==> flow/design.v <==
module u_data_mux_top #(
    parameter W = 20,
    parameter LANES = 7,
    parameter LG = $clog2(LANES)
) (
    input  wire sys_clk,
    input  wire [LANES*W-1:0] in,
    input  wire [LG-1:0] s,
    output reg [W-1:0] res
);
    reg [LANES*W-1:0] in_s;
    reg [LG-1:0] s_s;
    wire [LANES-1:0] hot;
    assign hot = {{(LANES-1){1'b0}}, 1'b1} << s_s;
    reg [LANES-1:0] hot_s;
    reg [LANES*W-1:0] in_s_d;
    reg [W-1:0] nxt;
    integer i;
    always @* begin
        nxt = 0;
        for (i = 0; i < LANES; i = i + 1)
            nxt = nxt | (in_s_d[i*W +: W] & {W{hot_s[i]}});
    end
    always @(posedge sys_clk) begin
        in_s <= in;
        s_s <= s;
        hot_s <= hot;
        in_s_d <= in_s;
        res <= nxt;
    end
endmodule
# From RTL to reports: u_data_mux_top
# What the tools print for u_data_mux_top, step after step.
# Lines are those of the file above, counted from 1.
# Operators: Yosys type, input widths -> output width; for muxes data width and select width s.
# Cell names lack the library's common part.
# A cell with - has no value.
# setup
top_module	u_data_mux_top
clock	sys_clk
lib	sky130hd
corner	tt_025C_1v80

# After elaboration
# Counts by Yosys on the flattened word-level netlist (proc, flatten, opt, wreduce; memories kept). Register bits leave out memories and registers merged into their read ports (data or address); mux counts leave out enables and synchronous resets folded into registers. Print and check cells are left out. Cells with the same type and inputs are merged into one.
# classes
shifts	1
n_logic	13
# ops
operator	count
$and 20x20->20	7
$or 20x20->20	6
$shl 1x3->7 const A	1
# word_totals
regBits	310

# Longest topological paths
# Depth = most cells in a row (Yosys ltp): at word level without a register or memory, in the mapped netlist without a sequential cell, where the memories' decode and read muxes count.
# logic_depth
word_depth	7
ABC_AREA	0
mapped_depth	3
ltp_nobuf	2

# Synthesis result
# Yosys stat after the flow's synthesis: flattened, memories mapped to cells. It holds for the ABC_AREA given above (unset counts as 0); a run with the other value may have another netlist.
# Totals and module areas in this step are rounded.
# by_type
cell_type	count
dfxtp_1	310
a22oi_1	40
a222oi_1	20
nand3_1	20
buf_2	10
buf_6	2
nor3b_1	3
and3b_1	2
buf_4	2
nor3_1	1
nand2_1	1
nor2_1	1
# mapped
mapped_cells	412
synth_area_mm2	0.00695
ff_cells	310

# Worst setup path after synthesis
# Source: OpenSTA report_checks on the synthesized netlist (no wires, ideal clock, input and output delay 20% of the period each), path of least setup slack; recovery checks are left aside. Register names are those of the netlist, which keeps one name where synthesis merged equal registers.
# synth_path
path_kind	register to register
from	register hot_s[5]
to	register res[0]
clock_period_ns	1.17
setup_ns	0.134
arrival_ns	0.804
required_time_ns	1.036
setup_slack_ns	0.232
delay_ns	0.938
path_stages	4
n_path_buf	1
synth_period_reached_ns	0.938
# "delay_ns" is the arrival time less input delay plus setup time.
# "path_stages": output pins that drive a net of the path, with the launching flip-flop's if there is one; two outputs of one cell count as two.
# "synth_period_reached_ns" = period - worst setup slack (recovery checks aside). The figure is calculated, with input and output delays left at 20% of the set period.
# The rows between start and end are the longest chain of elaborated cells between them; the timing report does not say that the signal goes this way. Where chains are equally long, one stands for them.
# A line is the first line of the expression or statement that the cell stems from. Yosys adds cells for indexed reads and writes and turns some case tables into memories.
# synth_via
path_cell_list	dfxtp_1 buf_4 a222oi_1 nand3_1
elab_chain_len	3
cells_between	3
# synth_lines
item	line_no	text
start, declared	15	reg [LANES-1:0] hot_s;
start, assigned	27	hot_s <= hot;
$and 20x20->20	22	nxt = nxt | (in_s_d[i*W +: W] & {W{hot_s[i]}});
$or 20x20->20 (2 in a row)	22
end, assigned	29	res <= nxt;
end, declared	9	output reg [W-1:0] res

# Path in the finished layout
# From the final timing report of stored run 1: the path of least setup slack in the routed layout; clock arrival at registers is part of the times.
# layout_path
path_kind	register to register
from	register hot_s[4]
to	register res[2]
clock_period_ns	0.616
setup_ns	0.13
arrival_ns	1.69
required_time_ns	1.02
setup_slack_ns	-0.67
path_stages	4
n_path_buf	1
# The rows between start and end are the longest chain of elaborated cells between them; the timing report does not say that the signal goes this way. Where chains are equally long, one stands for them.
# layout_via
path_cell_list	dfxtp_2 buf_6 a222oi_1 nand3_1
elab_chain_len	4
cells_between	4
# layout_lines
item	line_no	text
start, declared	15	reg [LANES-1:0] hot_s;
start, assigned	27	hot_s <= hot;
$and 20x20->20	22	nxt = nxt | (in_s_d[i*W +: W] & {W{hot_s[i]}});
$or 20x20->20 (3 in a row)	22
end, assigned	29	res <= nxt;
end, declared	9	output reg [W-1:0] res

Data sheet: physical implementation of u_data_mux_top

Record of 3 stored runs of the RTL-to-layout flow on u_data_mux_top, platform sky130hd. The runs are unordered. Constraints: input delay and output delay 20% of the set period each, output load 0.01 pF.
By "achieved_clock_period_ns" is meant the clock period of the run minus its worst setup slack. This is arithmetic on one report: input and output delays are still those of the set period (20% each).
"worst_setup_path_time_ns" = time allowed to the worst setup path (clock period - input delay - output delay, where it has them) - its slack; a late launch clock adds to it, a late capture clock takes from it.
By "final_power_w" is meant OpenSTA's value without simulated activity: inputs other than the clock are taken to toggle once in ten clock periods, and the tool carries that through the logic.
The results are shown rounded.

Stored run 1, flow files:
==> flow/run.sh <==
#!/bin/bash
# the make line also repeats the synthesis and layout settings of config.mk as NAME=value (left out here)
make -C /OpenROAD-flow-scripts/flow DESIGN_CONFIG=/design/flow/config.mk WORK_HOME=/design/flow/orfs CLKGATE_MAP_FILE= finish
==> flow/config.mk <==
export PLATFORM = sky130hd
export DESIGN_NAME = u_data_mux_top
export DESIGN_NICKNAME = u_data_mux_top
export VERILOG_FILES = /design/flow/design.v
export SDC_FILE = /design/flow/constraint.sdc
export NUM_CORES = 4
export LEC_CHECK = 0
export CAP_MARGIN = 20
export CORE_ASPECT_RATIO = 0.52
export CORE_MARGIN = 2
export CORE_UTILIZATION = 23
export GPL_ROUTABILITY_DRIVEN = 1
export GPL_TIMING_DRIVEN = 0
export MAX_ROUTING_LAYER = met5
export PLACE_DENSITY_LB_ADDON = 0.27
export SETUP_SLACK_MARGIN = 0.12
export SLEW_MARGIN = 20
==> flow/constraint.sdc <==
create_clock -name core_clock -period 0.616 [get_ports {sys_clk}]
set_input_delay 0.1232 -clock core_clock [delete_from_list [all_inputs] [get_ports {sys_clk}]]
set_output_delay 0.1232 -clock core_clock [all_outputs]
set_load 0.01 [all_outputs]

==> results of stored run 1, as CSV <==
result,value
synth_chip_area_mm2,0.00695
design_die_area_mm2,0.0317
layout_stdcell_area_mm2,0.01
finalUtil_frac,0.341
timing.setup.ws_ns,-0.673
tns_ns,-19.6
worst_hold_slack_ns,0.024
final_power_w,0.0401
achieved_clock_period_ns,1.289
worst_setup_path_time_ns,1.29
worst_path_kind,"register to register"

Stored run 2, flow files:
==> flow/run.sh <==
#!/bin/bash
# the make line also repeats the synthesis and layout settings of config.mk as NAME=value (left out here)
make -C /OpenROAD-flow-scripts/flow DESIGN_CONFIG=/design/flow/config.mk WORK_HOME=/design/flow/orfs CLKGATE_MAP_FILE= finish
==> flow/config.mk <==
export PLATFORM = sky130hd
export DESIGN_NAME = u_data_mux_top
export DESIGN_NICKNAME = u_data_mux_top
export VERILOG_FILES = /design/flow/design.v
export SDC_FILE = /design/flow/constraint.sdc
export NUM_CORES = 4
export LEC_CHECK = 0
export CAP_MARGIN = 20
export CORE_MARGIN = 2
export CORE_UTILIZATION = 40
export SLEW_MARGIN = 20
==> flow/constraint.sdc <==
create_clock -name core_clock -period 1.17 [get_ports {sys_clk}]
set_input_delay 0.2340 -clock core_clock [delete_from_list [all_inputs] [get_ports {sys_clk}]]
set_output_delay 0.2340 -clock core_clock [all_outputs]
set_load 0.01 [all_outputs]

==> results of stored run 2, as CSV <==
result,value
synth_chip_area_mm2,0.00695
design_die_area_mm2,0.0184
layout_stdcell_area_mm2,0.00988
finalUtil_frac,0.577
timing.setup.ws_ns,-0.040
tns_ns,-0.394
worst_hold_slack_ns,0.145
final_power_w,0.0212
achieved_clock_period_ns,1.210
worst_setup_path_time_ns,0.98
worst_path_kind,"register to output"

Stored run 3, flow files:
==> flow/run.sh <==
#!/bin/bash
# the make line also repeats the synthesis and layout settings of config.mk as NAME=value (left out here)
make -C /OpenROAD-flow-scripts/flow DESIGN_CONFIG=/design/flow/config.mk WORK_HOME=/design/flow/orfs CLKGATE_MAP_FILE= finish
==> flow/config.mk <==
export PLATFORM = sky130hd
export DESIGN_NAME = u_data_mux_top
export DESIGN_NICKNAME = u_data_mux_top
export VERILOG_FILES = /design/flow/design.v
export SDC_FILE = /design/flow/constraint.sdc
export NUM_CORES = 4
export LEC_CHECK = 0
export CAP_MARGIN = 20
export CORE_MARGIN = 7
export CORE_UTILIZATION = 34
export CTS_CLUSTER_DIAMETER = 168
export GPL_ROUTABILITY_DRIVEN = 0
export GPL_TIMING_DRIVEN = 0
export MAX_ROUTING_LAYER = met4
export MIN_ROUTING_LAYER = met1
export PLACE_DENSITY_LB_ADDON = 0.05
export SETUP_SLACK_MARGIN = 0.23
export SLEW_MARGIN = 10
==> flow/constraint.sdc <==
create_clock -name core_clock -period 0.892 [get_ports {sys_clk}]
set_input_delay 0.1784 -clock core_clock [delete_from_list [all_inputs] [get_ports {sys_clk}]]
set_output_delay 0.1784 -clock core_clock [all_outputs]
set_load 0.01 [all_outputs]

==> results of stored run 3, as CSV <==
result,value
synth_chip_area_mm2,0.00695
design_die_area_mm2,0.0246
layout_stdcell_area_mm2,0.0101
finalUtil_frac,0.5
timing.setup.ws_ns,-0.290
tns_ns,-8.74
worst_hold_slack_ns,0.076
final_power_w,0.0293
achieved_clock_period_ns,1.182
worst_setup_path_time_ns,1.00
worst_path_kind,"register to output"
